==> flow/design.v <==
module gen_order_rtl #(
    parameter XLEN = 8,
    parameter LANES = 7
) (
    input logic CLK,
    input logic srst,
    input logic [LANES*XLEN-1:0] i_ch,
    output logic [XLEN-1:0] o_high
);
    logic [LANES*XLEN-1:0] ch_reg;
    always_ff @(posedge CLK or posedge srst) begin
        if (srst) begin
            ch_reg <= '0;
        end else begin
            ch_reg <= i_ch;
        end
    end
    logic [XLEN-1:0] val;
    always_comb begin
        val = ch_reg[XLEN-1:0];
        for (int idx = 1; idx < LANES; idx++)
            if (ch_reg[idx*XLEN +: XLEN] > val) val = ch_reg[idx*XLEN +: XLEN];
    end
    always_ff @(posedge CLK or posedge srst) begin
        if (srst) begin
            o_high <= '0;
        end else begin
            o_high <= val;
        end
    end
endmodule
# Step by step through the tools: gen_order_rtl
# The steps from the RTL of gen_order_rtl to its reports follow in flow order.
# Line numbers count from 1 in the design file above.
# Library cell names are shortened.
# The mark -- stands for no value.
[inputs]
top = "gen_order_rtl"
clk_port = "CLK"
library = "sky130hd"
corner = "tt_025C_1v80"

# Word-level counts
# Source: Yosys, flattened and elaborated, memories not mapped. Widths are those after wreduce; folded enables and synchronous resets count as part of the registers. Registers that Yosys merges into a memory's read port (data or address) are not register bits. Print and check cells do not count. Equal cells are merged and count once.
[bits]
out_inout_bits = 8
elab_cells = 14
reg_bits = 64
[op_classes]
muxes = 6
compare = 6
[ops]
columns = ["operator", "n"]
rows = [
  ["8-bit greater-than comparator", 6],
  ["8-bit 2-to-1 mux", 6],
]

# Longest topological paths
# Yosys ltp: most cells in a row. Word level: on the elaborated netlist, between registers, memories and ports. Mapped: between sequential cells and ports; inverters and the memories' decode and read muxes count.
[logic_depth]
ltp_word = 12
abc_area = 0
mapped_depth = 60

# Netlist
# Source: synth_stat.txt of the flow (Yosys; design flattened, memories mapped). It holds for the ABC_AREA given above (unset counts as 0); a run with the other value may have another netlist.
# Totals and module areas in this step are rounded.
[synth_totals]
yosys_area_um2 = 3600
n_buf = 3
stdcells = 340
ffs = 64
sequential_area_um2 = 1600
[types]
columns = ["cell_type", "n", "type_area_um2"]
rows = [
  ["dfrtp_1", 64, 1.6E+03],
  ["ha_1", 41, 512.992],
  ["mux2i_1", 13, 130.125],
  ["inv_1", 31, 116.362],
  ["nor2_1", 29, 108.854],
  ["mux2_2", 9, 101.347],
  ["a21oi_1", 19, 95.091],
  ["o21ai_0", 16, 80.077],
  ["nand2_1", 19, 71.318],
  ["a31oi_1", 8, 50.048],
  ["a21o_1", 6, 45.043],
  ["or2_2", 7, 43.792],
  ["and2_1", 6, 37.536],
  ["nand2b_1", 6, 37.536],
  ["o211ai_2", 3, 37.536],
  ["o21a_1", 5, 37.536],
  ["mux2_4", 2, 30.029],
  ["o41ai_4", 1, 27.526],
]
# Other cell types: 36; their cells: 55.

# Timing after synthesis
# OpenSTA on the mapped netlist: ideal clock, no wires. The path of least setup slack (recovery checks aside). Input and output delay are each 20% of the period. Register names are those of the netlist, which keeps one name where synthesis merged equal registers.
[synth_timing]
path_kind = "register to register"
startpoint = "register ch_reg[1]"
endpoint = "register o_high[5]"
period_ns = 13.2
stages = 61
t_first_pin_ns = 0.000
setup_time_ns = 0.082
delay_ns = 10.535
t_arrival_ns = 10.453
path_slack_ns = 2.665
required_ns = 13.118
synth_period_reached_ns = 10.535
# "delay_ns" is the arrival time less input delay plus setup time.
# "stages" counts driving pins, that of a launching flip-flop among them; a cell with two outputs on the path counts twice.
# "synth_period_reached_ns" = period - worst setup slack (recovery checks aside). The figure is calculated, with input and output delays left at 20% of the set period.
# The rows between start and end are the longest chain of elaborated cells between them; the timing report does not say that the signal goes this way. Where chains are equally long, one stands for them.
# A line is the first line of the expression or statement that the cell stems from. Yosys adds cells for indexed reads and writes and turns some case tables into memories.
[synth_between]
path_cell_list = "dfrtp_1 -> inv_1 -> ha_1 -> and2b_1 -> o211ai_2 -> a21oi_1 -> nand2b_1 -> nand2_1 -> mux2i_1 -> ha_1 -> a2111oi_2 -> inv_1 -> a21oi_1 -> inv_1 -> a31oi_1 -> o21a_1 -> clkbuf_1 -> nor2_1 -> [25 not listed] -> and2_0 -> or2_2 -> mux2_2 -> o32a_1 -> a21oi_2 -> buf_6 -> nand2_1 -> and2_1 -> ha_1 -> o21a_1 -> o21ai_0 -> nand2b_1 -> a21oi_1 -> o21ai_0 -> o21ai_1 -> clkbuf_1 -> nor2_1 -> a31oi_1"
elab_chain_len = 12
cone_cells = 12
[synth_rtl]
columns = ["item", "line", "source"]
rows = [
  ["start, declared", 10, "logic [LANES*XLEN-1:0] ch_reg;"],
  ["start, assigned", 13, "ch_reg <= '0;"],
  ["start, assigned", 15, "ch_reg <= i_ch;"],
  ["8-bit greater-than comparator", 22, "if (ch_reg[idx*XLEN +: XLEN] > val) val = ch_reg[idx*XLEN +: XLEN];"],
  ["8-bit 2-to-1 mux", 22, ""],
  ["8-bit greater-than comparator", 22, ""],
  ["8-bit 2-to-1 mux", 22, ""],
  ["8-bit greater-than comparator", 22, ""],
  ["8-bit 2-to-1 mux", 22, ""],
  ["8-bit greater-than comparator", 22, ""],
  ["8-bit 2-to-1 mux", 22, ""],
  ["8-bit greater-than comparator", 22, ""],
  ["8-bit 2-to-1 mux", 22, ""],
  ["8-bit greater-than comparator", 22, ""],
  ["8-bit 2-to-1 mux", 22, ""],
  ["end, assigned", 26, "o_high <= '0;"],
  ["end, assigned", 28, "o_high <= val;"],
  ["end, declared", 8, "output logic [XLEN-1:0] o_high"],
]

# Worst path after layout
# From the final timing report of stored run 1: the path of least setup slack in the routed layout; clock arrival at registers is part of the times.
[layout_timing]
path_kind = "register to register"
startpoint = "register ch_reg[1]"
endpoint = "register o_high[6]"
period_ns = 16.2
path_slack_ns = 4.85
stages = 59
required_ns = 16.45
setup_time_ns = 0.08
t_arrival_ns = 11.60
t_first_pin_ns = 0.33
# The rows between start and end are the longest chain of elaborated cells between them; the timing report does not say that the signal goes this way. Where chains are equally long, one stands for them.
[layout_between]
path_cell_list = "dfrtp_1 -> inv_1 -> ha_1 -> and2b_1 -> o211ai_2 -> a21oi_1 -> nand2b_1 -> nand2_2 -> mux2i_1 -> ha_1 -> a2111oi_4 -> inv_1 -> a21oi_1 -> inv_1 -> a31oi_2 -> o21a_4 -> nor2_1 -> a21oi_1 -> [23 not listed] -> a21oi_2 -> and2_1 -> or2_2 -> mux2_2 -> o32a_1 -> a21oi_4 -> nand2_1 -> and2_1 -> ha_1 -> o21a_1 -> o21ai_0 -> nand2b_1 -> a21oi_1 -> o21ai_0 -> o21ai_2 -> buf_4 -> nor2_1 -> a31oi_1"
elab_chain_len = 12
cone_cells = 12
[layout_rtl]
columns = ["item", "line", "source"]
rows = [
  ["start, declared", 10, "logic [LANES*XLEN-1:0] ch_reg;"],
  ["start, assigned", 13, "ch_reg <= '0;"],
  ["start, assigned", 15, "ch_reg <= i_ch;"],
  ["8-bit greater-than comparator", 22, "if (ch_reg[idx*XLEN +: XLEN] > val) val = ch_reg[idx*XLEN +: XLEN];"],
  ["8-bit 2-to-1 mux", 22, ""],
  ["8-bit greater-than comparator", 22, ""],
  ["8-bit 2-to-1 mux", 22, ""],
  ["8-bit greater-than comparator", 22, ""],
  ["8-bit 2-to-1 mux", 22, ""],
  ["8-bit greater-than comparator", 22, ""],
  ["8-bit 2-to-1 mux", 22, ""],
  ["8-bit greater-than comparator", 22, ""],
  ["8-bit 2-to-1 mux", 22, ""],
  ["8-bit greater-than comparator", 22, ""],
  ["8-bit 2-to-1 mux", 22, ""],
  ["end, assigned", 26, "o_high <= '0;"],
  ["end, assigned", 28, "o_high <= val;"],
  ["end, declared", 8, "output logic [XLEN-1:0] o_high"],
]

Record of 3 stored runs of the RTL-to-layout flow on gen_order_rtl, platform sky130hd. The runs are unordered. Constraints: input delay and output delay 20% of the set period each, output load 0.01 pF.
"achieved_clock_period_ns": clock period set for the run, less the worst setup slack. It is reckoned from that one timing run; input and output delays stay at 20% of the period that was set.
By "worst_path_ns" is meant the share of the clock period that the worst setup path is allowed (20% is reserved at inputs, 20% at outputs), minus its slack. Clock arrival times at its registers enter into it.
By "power_mw" is meant OpenSTA's value without simulated activity: inputs other than the clock are taken to toggle once in ten clock periods, and the tool carries that through the logic.
Measured values are rounded.

# stored run 1
==> flow/run.sh <==
#!/bin/bash
# the make line also repeats the synthesis and layout settings of config.mk as NAME=value (left out here)
make -C /OpenROAD-flow-scripts/flow DESIGN_CONFIG=/design/flow/config.mk WORK_HOME=/design/flow/orfs CLKGATE_MAP_FILE= finish
==> flow/config.mk <==
export PLATFORM = sky130hd
export DESIGN_NAME = gen_order_rtl
export DESIGN_NICKNAME = gen_order_rtl
export VERILOG_FILES = /design/flow/design.v
export SDC_FILE = /design/flow/constraint.sdc
export NUM_CORES = 4
export LEC_CHECK = 0
export CAP_MARGIN = 35
export CELL_PAD_IN_SITES_GLOBAL_PLACEMENT = 3
export CORE_ASPECT_RATIO = 0.89
export CORE_MARGIN = 2
export CORE_UTILIZATION = 28
export CTS_CLUSTER_SIZE = 76
export GPL_ROUTABILITY_DRIVEN = 0
export HOLD_SLACK_MARGIN = 0.13
export MAX_ROUTING_LAYER = met5
export MIN_ROUTING_LAYER = met1
export PLACE_DENSITY_LB_ADDON = 0.17
export SETUP_SLACK_MARGIN = 3.57
export SLEW_MARGIN = 20
==> flow/constraint.sdc <==
create_clock -name core_clock -period 16.2 [get_ports {CLK}]
set_input_delay 3.2400 -clock core_clock [delete_from_list [all_inputs] [get_ports {CLK}]]
set_output_delay 3.2400 -clock core_clock [all_outputs]
set_load 0.01 [all_outputs]

==> stored run 1: results <==
ws_hold_ns=0.516
final_util_frac=0.384
final_setup_tns_ns=0.000
achieved_clock_period_ns=11.351
setup_worst_slack_ns=4.85
power_mw=0.757
worst_path_ns=11.35
timing.worst_path_kind="register to register"
synthArea_um2=3600
die_footprint_um2=13800
final_stdcell_area_um2=4870

# stored run 2
==> flow/run.sh <==
#!/bin/bash
# the make line also repeats the synthesis and layout settings of config.mk as NAME=value (left out here)
make -C /OpenROAD-flow-scripts/flow DESIGN_CONFIG=/design/flow/config.mk WORK_HOME=/design/flow/orfs CLKGATE_MAP_FILE= finish
==> flow/config.mk <==
export PLATFORM = sky130hd
export DESIGN_NAME = gen_order_rtl
export DESIGN_NICKNAME = gen_order_rtl
export VERILOG_FILES = /design/flow/design.v
export SDC_FILE = /design/flow/constraint.sdc
export NUM_CORES = 4
export LEC_CHECK = 0
export CAP_MARGIN = 40
export CORE_MARGIN = 2
export CORE_UTILIZATION = 49
export CTS_CLUSTER_SIZE = 24
export GPL_TIMING_DRIVEN = 1
export HOLD_SLACK_MARGIN = 0.28
export MAX_ROUTING_LAYER = met4
export MIN_ROUTING_LAYER = met2
export SLEW_MARGIN = 20
==> flow/constraint.sdc <==
create_clock -name core_clock -period 7.08 [get_ports {CLK}]
set_input_delay 1.4160 -clock core_clock [delete_from_list [all_inputs] [get_ports {CLK}]]
set_output_delay 1.4160 -clock core_clock [all_outputs]
set_load 0.01 [all_outputs]

==> stored run 2: results <==
setup_worst_slack_ns=-3.10
ws_hold_ns=0.544
final_util_frac=0.803
final_stdcell_area_um2=5760
worst_path_ns=10.18
timing.worst_path_kind="register to register"
synthArea_um2=3600
power_mw=2.06
achieved_clock_period_ns=10.178
die_footprint_um2=8050
final_setup_tns_ns=-24.4

# stored run 3
==> flow/run.sh <==
#!/bin/bash
# the make line also repeats the synthesis and layout settings of config.mk as NAME=value (left out here)
make -C /OpenROAD-flow-scripts/flow DESIGN_CONFIG=/design/flow/config.mk WORK_HOME=/design/flow/orfs CLKGATE_MAP_FILE= finish
==> flow/config.mk <==
export PLATFORM = sky130hd
export DESIGN_NAME = gen_order_rtl
export DESIGN_NICKNAME = gen_order_rtl
export VERILOG_FILES = /design/flow/design.v
export SDC_FILE = /design/flow/constraint.sdc
export NUM_CORES = 4
export LEC_CHECK = 0
export CAP_MARGIN = 20
export CORE_MARGIN = 2
export CORE_UTILIZATION = 40
export SLEW_MARGIN = 20
==> flow/constraint.sdc <==
create_clock -name core_clock -period 13.2 [get_ports {CLK}]
set_input_delay 2.6400 -clock core_clock [delete_from_list [all_inputs] [get_ports {CLK}]]
set_output_delay 2.6400 -clock core_clock [all_outputs]
set_load 0.01 [all_outputs]

==> stored run 3: results <==
ws_hold_ns=0.525
die_footprint_um2=9770
achieved_clock_period_ns=11.907
synthArea_um2=3600
power_mw=0.848
setup_worst_slack_ns=1.29
worst_path_ns=11.91
timing.worst_path_kind="register to register"
final_util_frac=0.531
final_setup_tns_ns=0.000
final_stdcell_area_um2=4630
